==> flow/design.v <==
module core_mag_cmp_v2 #(
  parameter integer W = 12
) (
  input  wire clk,
  input  wire valid,
  input  wire signed [W-1:0] rs1_in,
  input  wire signed [W-1:0] rs2_in,
  output wire a_lt_b_out,
  output wire match_out,
  output wire a_gt_b_out
);
  reg signed [W-1:0] rs1_d1;
  reg signed [W-1:0] rs2_d1;
  always @(posedge clk) begin
    if (valid) begin
      rs1_d1 <= rs1_in;
      rs2_d1 <= rs2_in;
    end
  end
  assign a_lt_b_out = (rs1_d1 < rs2_d1);
  assign match_out = (rs1_d1 == rs2_d1);
  assign a_gt_b_out = (rs1_d1 > rs2_d1);
endmodule
# Tool chain data of core_mag_cmp_v2
# A sweep over "W": the same steps for each member of the family.
# The file above is the member W = 12. Line numbers count from 1 in each member's own file.
# Cell names lack the library's common part.
# Not given: --
# inputs
top,core_mag_cmp_v2
clock_port,clk
cell_library,sky130hd
lib_corner,tt_025C_1v80

# Members of the sweep
# New or changed lines of each further member against the RTL above, in its own file; lines it lacks are not shown.
# changed_lines
W,line_no,rtl
16,2,parameter integer W = 16
18,2,parameter integer W = 18
32,2,parameter integer W = 32
40,2,parameter integer W = 40
64,2,parameter integer W = 64
80,2,parameter integer W = 80

# After elaboration
# Counts by Yosys on the flattened word-level netlist (proc, flatten, opt, wreduce; memories kept). Register bits leave out memories and registers merged into their read ports (data or address); mux counts leave out enables and synchronous resets folded into registers. Print and check cells are left out. Cells with the same type and inputs are merged into one.
# classes
W,equal,compare
12,1,2
16,1,2
18,1,2
32,1,2
40,1,2
64,1,2
80,1,2
# op_table
W,op_list
12,12-bit > comparator: 1; 12-bit less-than comparator: 1; 12-bit equality test: 1
16,16-bit > comparator: 1; 16-bit less-than comparator: 1; 16-bit equality test: 1
18,18-bit > comparator: 1; 18-bit less-than comparator: 1; 18-bit equality test: 1
32,32-bit > comparator: 1; 32-bit less-than comparator: 1; 32-bit equality test: 1
40,40-bit > comparator: 1; 40-bit less-than comparator: 1; 40-bit equality test: 1
64,64-bit > comparator: 1; 64-bit less-than comparator: 1; 64-bit equality test: 1
80,80-bit > comparator: 1; 80-bit less-than comparator: 1; 80-bit equality test: 1
# bits
W,elab_cells,ff_bits,input_bits
12,5,24,26
16,5,32,34
18,5,36,38
32,5,64,66
40,5,80,82
64,5,128,130
80,5,160,162

# Depth
# Yosys ltp: most cells in a row. Word level: on the elaborated netlist, between registers, memories and ports. Mapped: between sequential cells and ports; inverters and the memories' decode and read muxes count.
# logic_depth
W,ltp_word,abc_area,depth_mapped
12,1,0,6
16,1,0,7
18,1,0,7
32,1,0,8
40,1,0,8
64,1,0,9
80,1,0,9

# Synthesis result
# Source: synth_stat.txt of the flow (Yosys; design flattened, memories mapped). It holds for the ABC_AREA given above (unset counts as 0); a run with the other value may have another netlist.
# The area totals of this step are shown rounded.
# synth_totals
W,seqArea_um2,synth_area_um2,ffs,cells,buf_cells
12,720,1100,24,72,0
16,960,1400,32,95,0
18,1100,1600,36,102,0
32,1900,2800,64,183,0
40,2400,3400,80,225,0
64,3800,5500,128,366,0
80,4800,6900,160,452,0
# by_type
W,type_list
12,edfxtp_1: 24; ha_1: 12; inv_1: 15; a21oi_1: 5; a221oi_2: 1; nand4_1: 2; nor4_2: 1; nand2_1: 3; mux2i_1: 1; o21ai_0: 2; o221ai_1: 1; xnor2_1: 1; nor2_1: 2; or2b_1: 1; nand3_1: 1
16,edfxtp_1: 32; ha_1: 16; inv_1: 18; nand2_1: 8; a21oi_1: 5; mux2i_1: 2; a21o_1: 2; nand4_2: 1; a2111oi_0: 1; a211o_1: 1; nand3b_1: 1; nor2_1: 2; nand4_1: 1; nor4_1: 1; or3_1: 1; nand3_1: 1; nor3_1: 1; o21ai_0: 1
18,edfxtp_1: 36; ha_1: 18; inv_1: 19; a21oi_1: 8; and4_1: 3; a21o_1: 3; and4_4: 2; nand2_1: 4; o21ai_0: 3; o211ai_2: 1; mux2i_1: 1; xor2_1: 1; a22oi_1: 1; and3_1: 1; nand2b_1: 1
32,edfxtp_1: 64; ha_1: 32; inv_1: 34; a21oi_1: 9; nand4_1: 6; nand2_1: 8; a21oi_2: 3; mux2i_1: 2; nor4_1: 3; a21o_1: 2; nand3_1: 3; o21ai_0: 3; a221o_1: 1; o21ai_1: 2; a2111oi_0: 1; a211o_1: 1; and4_1: 1; a211oi_1: 1; (+7)
40,edfxtp_1: 80; ha_1: 40; inv_1: 42; a21oi_1: 17; nand4_1: 9; nand3_1: 5; nand2_1: 6; o21ai_0: 4; a211oi_1: 2; a21o_1: 2; nor4_1: 2; nor4_2: 1; o221a_2: 1; o311a_2: 1; a221o_1: 1; o311a_1: 1; a2111oi_0: 1; and2b_1: 1; (+9)
64,edfxtp_1: 128; ha_1: 64; inv_1: 65; a21oi_1: 25; nand4_1: 13; nand2_1: 19; nand3_1: 7; a221oi_1: 3; nand4_2: 2; nor3_1: 5; a211oi_1: 3; a21o_1: 3; nor4_4: 1; o21ai_0: 4; o21ai_1: 4; nor2_1: 5; and4_1: 2; nand2b_4: 1; (+12)
80,edfxtp_1: 160; ha_1: 80; inv_1: 85; a21oi_1: 29; nand2_1: 23; nand4_1: 11; o21ai_0: 10; a21o_1: 6; a221oi_1: 4; and4_1: 4; nor2_1: 8; nand3_1: 5; and4_2: 2; nor3_1: 4; o221ai_1: 2; a211oi_1: 2; o211ai_1: 2; a211oi_2: 1; (+14)
# The mark (+n) counts cells that are not listed.

# Worst setup path after synthesis
# Path of least setup slack by OpenSTA after synthesis, without wires, with an ideal clock, recovery checks aside; 20% of the period is set as input and as output delay. Where synthesis merged equal registers, the netlist keeps one of their names.
# synth_path
W,path_kind,start,end,delay_ps,tclk_ps,driving_pins,slack_ps,synth_period_reached_ps
12,reg-to-output,register rs1_d1[7],output a_gt_b_out,1537,2400,6,383,2017
16,reg-to-output,register rs1_d1[15],output a_gt_b_out,1739,2720,7,437,2283
18,reg-to-output,register rs1_d1[9],output a_gt_b_out,1636,2560,7,412,2148
32,reg-to-output,register rs1_d1[14],output a_gt_b_out,1865,2910,8,463,2447
40,reg-to-output,register rs1_d1[22],output a_gt_b_out,2173,3400,8,547,2853
64,reg-to-output,register rs1_d1[63],output a_gt_b_out,1985,3100,8,495,2605
80,reg-to-output,register rs1_d1[69],output a_gt_b_out,2060,3220,9,516,2704
# "delay_ps" = arrival - input delay + setup time.
# A path that ends at an output port has no setup time.
# "driving_pins" counts driving pins, that of a launching flip-flop among them; a cell with two outputs on the path counts twice.
# "synth_period_reached_ps" = period - worst setup slack (recovery checks aside). The figure is calculated, with input and output delays left at 20% of the set period.
# Between the ends stands the longest chain of elaborated cells between them, by number of cells; it is not shown to be the way that was timed. Of several equally long chains one is given.
# Each line given opens the expression or statement behind the cell; cells for indexed reads and writes are added by Yosys, which also makes memories of some case tables.
# synth_via_W_12
elab_chain_cells,1
# synth_lines_W_12
element,line_no,rtl
"start, declared",12,reg signed [W-1:0] rs1_d1;
"start, assigned",16,rs1_d1 <= rs1_in;
12-bit > comparator,22,assign a_gt_b_out = (rs1_d1 > rs2_d1);
"end, declared",10,output wire a_gt_b_out
# synth_via_W_80
elab_chain_cells,1
# synth_lines_W_80
element,line_no,rtl
"start, declared",12,reg signed [W-1:0] rs1_d1;
"start, assigned",16,rs1_d1 <= rs1_in;
80-bit > comparator,22,assign a_gt_b_out = (rs1_d1 > rs2_d1);
"end, declared",10,output wire a_gt_b_out

# Worst path after layout
# From the final timing report of the run of each member: the path of least setup slack in the routed layout; clock arrival at registers is part of the times.
# The report prints the path's times to 10 ps; the period is as set.
# layout_path
W,path_kind,start,end,slack_ps,driving_pins,tclk_ps,arrival_time_ps
12,reg-to-output,register rs1_d1[2],output a_gt_b_out,-60,8,2400,1980
16,reg-to-output,register rs1_d1[13],output a_lt_b_out,-50,9,2720,2230
18,reg-to-output,register rs1_d1[5],output a_gt_b_out,70,8,2560,1970
32,reg-to-output,register rs2_d1[7],output a_lt_b_out,-110,11,2910,2430
40,reg-to-output,register rs2_d1[22],output a_gt_b_out,140,10,3400,2580
64,reg-to-output,register rs1_d1[63],output a_gt_b_out,-160,11,3100,2640
80,reg-to-output,register rs1_d1[41],output a_lt_b_out,-230,12,3220,2810

# Layout results
# Settings and results of one run of the flow (Yosys, OpenROAD) for each member follow. The constraints put input and output delay at 20% of the set period each and load the outputs with 0.01 pF.
# settings
CAP_MARGIN,20
CORE_MARGIN,2
CORE_UTILIZATION,40
SLEW_MARGIN,20
# settings_diff
W,period_ns
12,2.4
16,2.72
18,2.56
32,2.91
40,3.4
64,3.1
80,3.22
# results
W,final_cell_area_um2,synthesis_area_um2,setup_ws_ps,setupTns_ps,achievedPeriod_ps,die_area_um2
12,1500,1100,-64,-95,2464,3100
16,2000,1400,-52,-52,2772,4000
18,2200,1600,74,0,2486,4400
32,3900,2800,-110,-180,3015,7600
40,4700,3400,140,0,3256,9400
64,8000,5500,-160,-260,3259,15000
80,9700,6900,-230,-430,3450,18000
# "achievedPeriod_ps" is the run's clock period less its worst setup slack. It is reckoned from that one timing run; input and output delays stay at 20% of the period that was set.
# The results are shown rounded.
